==> flow/design.v <==
module core_mag_cmp_top #(
    parameter XLEN = 112
) (
    input  wire clk,
    input  wire aresetn,
    input  wire [XLEN-1:0] src1,
    input  wire [XLEN-1:0] src2,
    output reg [XLEN-1:0] min_o,
    output reg [XLEN-1:0] mx
);
    wire val = src1 < src2;
    always @(posedge clk or negedge aresetn) begin
        if (!aresetn) begin
            min_o <= 0;
            mx <= 0;
        end else begin
            min_o <= val ? src1 : src2;
            mx <= val ? src2 : src1;
        end
    end
endmodule
## From RTL to reports: core_mag_cmp_top

What the tools print for core_mag_cmp_top, step after step.
Line numbers count from 1 in the design file above.
Operators carry their Yosys type and port widths (W data, S select, Z words).
A cell with n/a has no value.

| inputs | value |
|---|---|
| top module | core_mag_cmp_top |
| clock | clk |
| standard-cell library | sky130hd |
| timing corner | tt_025C_1v80 |

## After elaboration

Counts by Yosys on the flattened word-level netlist (proc, flatten, opt, wreduce; memories kept). Register bits leave out memories and registers merged into their read ports (data or address); mux counts leave out enables and synchronous resets folded into registers. Print and check cells are left out. Cells with the same type and inputs are merged into one.

| storage and ports | value |
|---|---|
| input port bits | 226 |
| register bits | 224 |
| elaborated cells | 5 |
| output and inout port bits | 224 |

| operators by class | value |
|---|---|
| magnitude comparators | 1 |
| mux-type cells | 2 |

Operators with widths:

| kind | number |
|---|---|
| $mux W112 | 2 |
| $lt A112 B112 Y1 | 1 |

## Depth

Depth = most cells in a row (Yosys ltp): at word level without a register or memory, in the mapped netlist without a sequential cell, where the memories' decode and read muxes count.

| logic depth | value |
|---|---|
| depth after elaboration | 2 |
| ABC_AREA | 1 |
| mapped depth | 18 |
| mapped depth without buffers | 16 |

## Netlist

The flow's flattened synthesis, as Yosys stat reports it; memories are mapped. The netlist is that of the ABC_AREA named above (0 if unset); the other value can give another one.

Cells by type:

| cell type | number | total area (sq um) |
|---|---|---|
| sky130_fd_sc_hd__dfrtp_1 | 224 | 5.61E+03 |
| sky130_fd_sc_hd__nand2_1 | 556 | 2.09E+03 |
| sky130_fd_sc_hd__ha_1 | 111 | 1.39E+03 |
| sky130_fd_sc_hd__nand3_1 | 231 | 1.16E+03 |
| sky130_fd_sc_hd__inv_1 | 137 | 514.243 |
| sky130_fd_sc_hd__a21oi_1 | 51 | 255.245 |
| sky130_fd_sc_hd__buf_2 | 42 | 210.202 |
| sky130_fd_sc_hd__buf_6 | 12 | 135.13 |
| sky130_fd_sc_hd__nor2_1 | 31 | 116.362 |
| sky130_fd_sc_hd__o21ai_0 | 13 | 65.062 |
| sky130_fd_sc_hd__buf_4 | 6 | 45.043 |
| sky130_fd_sc_hd__nand4_1 | 7 | 43.792 |
| sky130_fd_sc_hd__clkbuf_1 | 11 | 41.29 |
| sky130_fd_sc_hd__o21a_1 | 4 | 30.029 |
| sky130_fd_sc_hd__nor3_1 | 5 | 25.024 |
| sky130_fd_sc_hd__a21o_1 | 3 | 22.522 |
| sky130_fd_sc_hd__nand2_4 | 1 | 11.261 |
| sky130_fd_sc_hd__nor2_4 | 1 | 11.261 |

Other cell types: 5; their cells: 5.

| mapped netlist | value |
|---|---|
| buffers | 72 |
| synthesis area | 11,796.3 sq um |
| cells in the netlist | 1,451 |
| flip-flops | 224 |

## Worst setup path after synthesis

Source: OpenSTA report_checks on the synthesized netlist (no wires, ideal clock, input and output delay 20% of the period each), path of least setup slack; recovery checks are left aside. Register names are those of the netlist, which keeps one name where synthesis merged equal registers.

| timing post-synthesis | value |
|---|---|
| path kind | in2reg |
| from | input port src2[83] |
| to | register mx[100] |
| setup time | 65 ps |
| buffers on the path | 2 |
| data arrival time | 2,320 ps |
| stages on the path | 14 |
| input delay | 756 ps |
| delay of the path | 1,629 ps |
| setup slack | 1,395 ps |
| clock period | 3,780 ps |
| period reached after synthesis | 2,385 ps |

"delay of the path" = arrival - input delay + setup time.
"stages on the path": output pins that drive a net of the path, with the launching flip-flop's if there is one; two outputs of one cell count as two.
"period reached after synthesis" = period - worst setup slack (recovery checks aside). The figure is calculated, with input and output delays left at 20% of the set period.
Between the ends stands the longest chain of elaborated cells between them, by number of cells; it is not shown to be the way that was timed. Of several equally long chains one is given.
Each line given opens the expression or statement behind the cell; cells for indexed reads and writes are added by Yosys, which also makes memories of some case tables.

| between the ends, post-synthesis | value |
|---|---|
| path through | sky130_fd_sc_hd__inv_1 > sky130_fd_sc_hd__ha_1 > sky130_fd_sc_hd__a21o_1 > sky130_fd_sc_hd__o21ai_1 > sky130_fd_sc_hd__nand2_1 > sky130_fd_sc_hd__nand2_1 > sky130_fd_sc_hd__nand2_1 > sky130_fd_sc_hd__nand2_1 > sky130_fd_sc_hd__nand2_1 > sky130_fd_sc_hd__nor2_4 > sky130_fd_sc_hd__buf_2 > sky130_fd_sc_hd__buf_2 > sky130_fd_sc_hd__nand3_1 > sky130_fd_sc_hd__nand2_1 |
| length of the longest elaborated chain | 2 |

RTL lines, path post-synthesis:

| element | line | text |
|---|---|---|
| start, declared | 7 | `input  wire [XLEN-1:0] src2,` |
| $lt A112 B112 Y1 | 11 | `wire val = src1 < src2;` |
| $mux W112 | 18 | `mx <= val ? src2 : src1;` |
| end, assigned | 15 | `mx <= 0;` |
| end, assigned | 18 |  |
| end, declared | 9 | `output reg [XLEN-1:0] mx` |

## Path in the finished layout

Path of least setup slack in the final report of flow run A (OpenROAD, finished layout, wires in). Where an end is a register, its clock arrival counts in the times.
The report prints the path's times to 10 ps; the period is as set.

| timing post-layout | value |
|---|---|
| path kind | in2reg |
| from | input port src2[107] |
| to | register mx[103] |
| input delay | 710 ps |
| buffers on the path | 2 |
| clock period | 3,530 ps |
| setup slack | 460 ps |
| data arrival time | 3,530 ps |
| stages on the path | 13 |
| setup time | 70 ps |

Between the ends stands the longest chain of elaborated cells between them, by number of cells; it is not shown to be the way that was timed. Of several equally long chains one is given.

| between the ends, post-layout | value |
|---|---|
| path through | sky130_fd_sc_hd__clkdlybuf4s50_1 > sky130_fd_sc_hd__inv_1 > sky130_fd_sc_hd__ha_1 > sky130_fd_sc_hd__a21oi_1 > sky130_fd_sc_hd__o21ai_0 > sky130_fd_sc_hd__nand2_1 > sky130_fd_sc_hd__nand2_1 > sky130_fd_sc_hd__nor2_1 > sky130_fd_sc_hd__nand2_1 > sky130_fd_sc_hd__nor2_4 > sky130_fd_sc_hd__buf_12 > sky130_fd_sc_hd__nand3_1 > sky130_fd_sc_hd__nand2_1 |
| length of the longest elaborated chain | 2 |

RTL lines, path post-layout:

| element | line | text |
|---|---|---|
| start, declared | 7 | `input  wire [XLEN-1:0] src2,` |
| $lt A112 B112 Y1 | 11 | `wire val = src1 < src2;` |
| $mux W112 | 18 | `mx <= val ? src2 : src1;` |
| end, assigned | 15 | `mx <= 0;` |
| end, assigned | 18 |  |
| end, declared | 9 | `output reg [XLEN-1:0] mx` |

Top module core_mag_cmp_top; platform sky130hd; tools Yosys and OpenROAD; 3 stored runs in no particular order. Input and output delays are each 20% of the period that was set; the output load is 0.01 pF.
"worst path time" means the part of the period allowed to the worst setup path (the constraints hold back 20% at inputs and 20% at outputs) less its slack; where the path has registers, the arrival times of their clocks count too.
"worst path time" is known to 10 ps.
A setting shown as . is not set for that run.

| run | period_ns | CORE_UTILIZATION | CORE_ASPECT_RATIO | CELL_PAD_IN_SITES_GLOBAL_PLACEMENT | CELL_PAD_IN_SITES_DETAIL_PLACEMENT | TNS_END_PERCENT | ABC_AREA | CTS_CLUSTER_DIAMETER | SLEW_MARGIN | MAX_ROUTING_LAYER | CAP_MARGIN | CORE_MARGIN | SETUP_SLACK_MARGIN | PLACE_DENSITY_LB_ADDON | GPL_TIMING_DRIVEN | chip area in the Yosys report (sq um) | full die area (sq um) | utilization after layout | worst setup slack after layout (ps) | worst path time (ps) | critical path type |
|---|---|---|---|---|---|---|---|---|---|---|---|---|---|---|---|---|---|---|---|---|---|
| flow run A | 3.53 | 40 | 0.52 | 0 | 0 | 45 | 1 | 179 | 35 | met5 | 20 | 2 | . | . | . | 11,796.3 | 30,954.6 | 0.6 | 455 | 2,370 | in2reg |
| flow run B | 2.09 | 36 | . | . | . | 30 | . | 123 | 0 | . | 35 | 4 | 0.35 | 0.12 | 1 | 11,160.7 | 33,883.6 | 0.681 | -723 | 2,400 | in2reg |
| flow run C | 3.78 | 40 | . | . | . | . | . | . | 20 | . | 20 | 2 | . | . | . | 11,160.7 | 29,254.7 | 0.638 | 191 | 2,830 | in2reg |
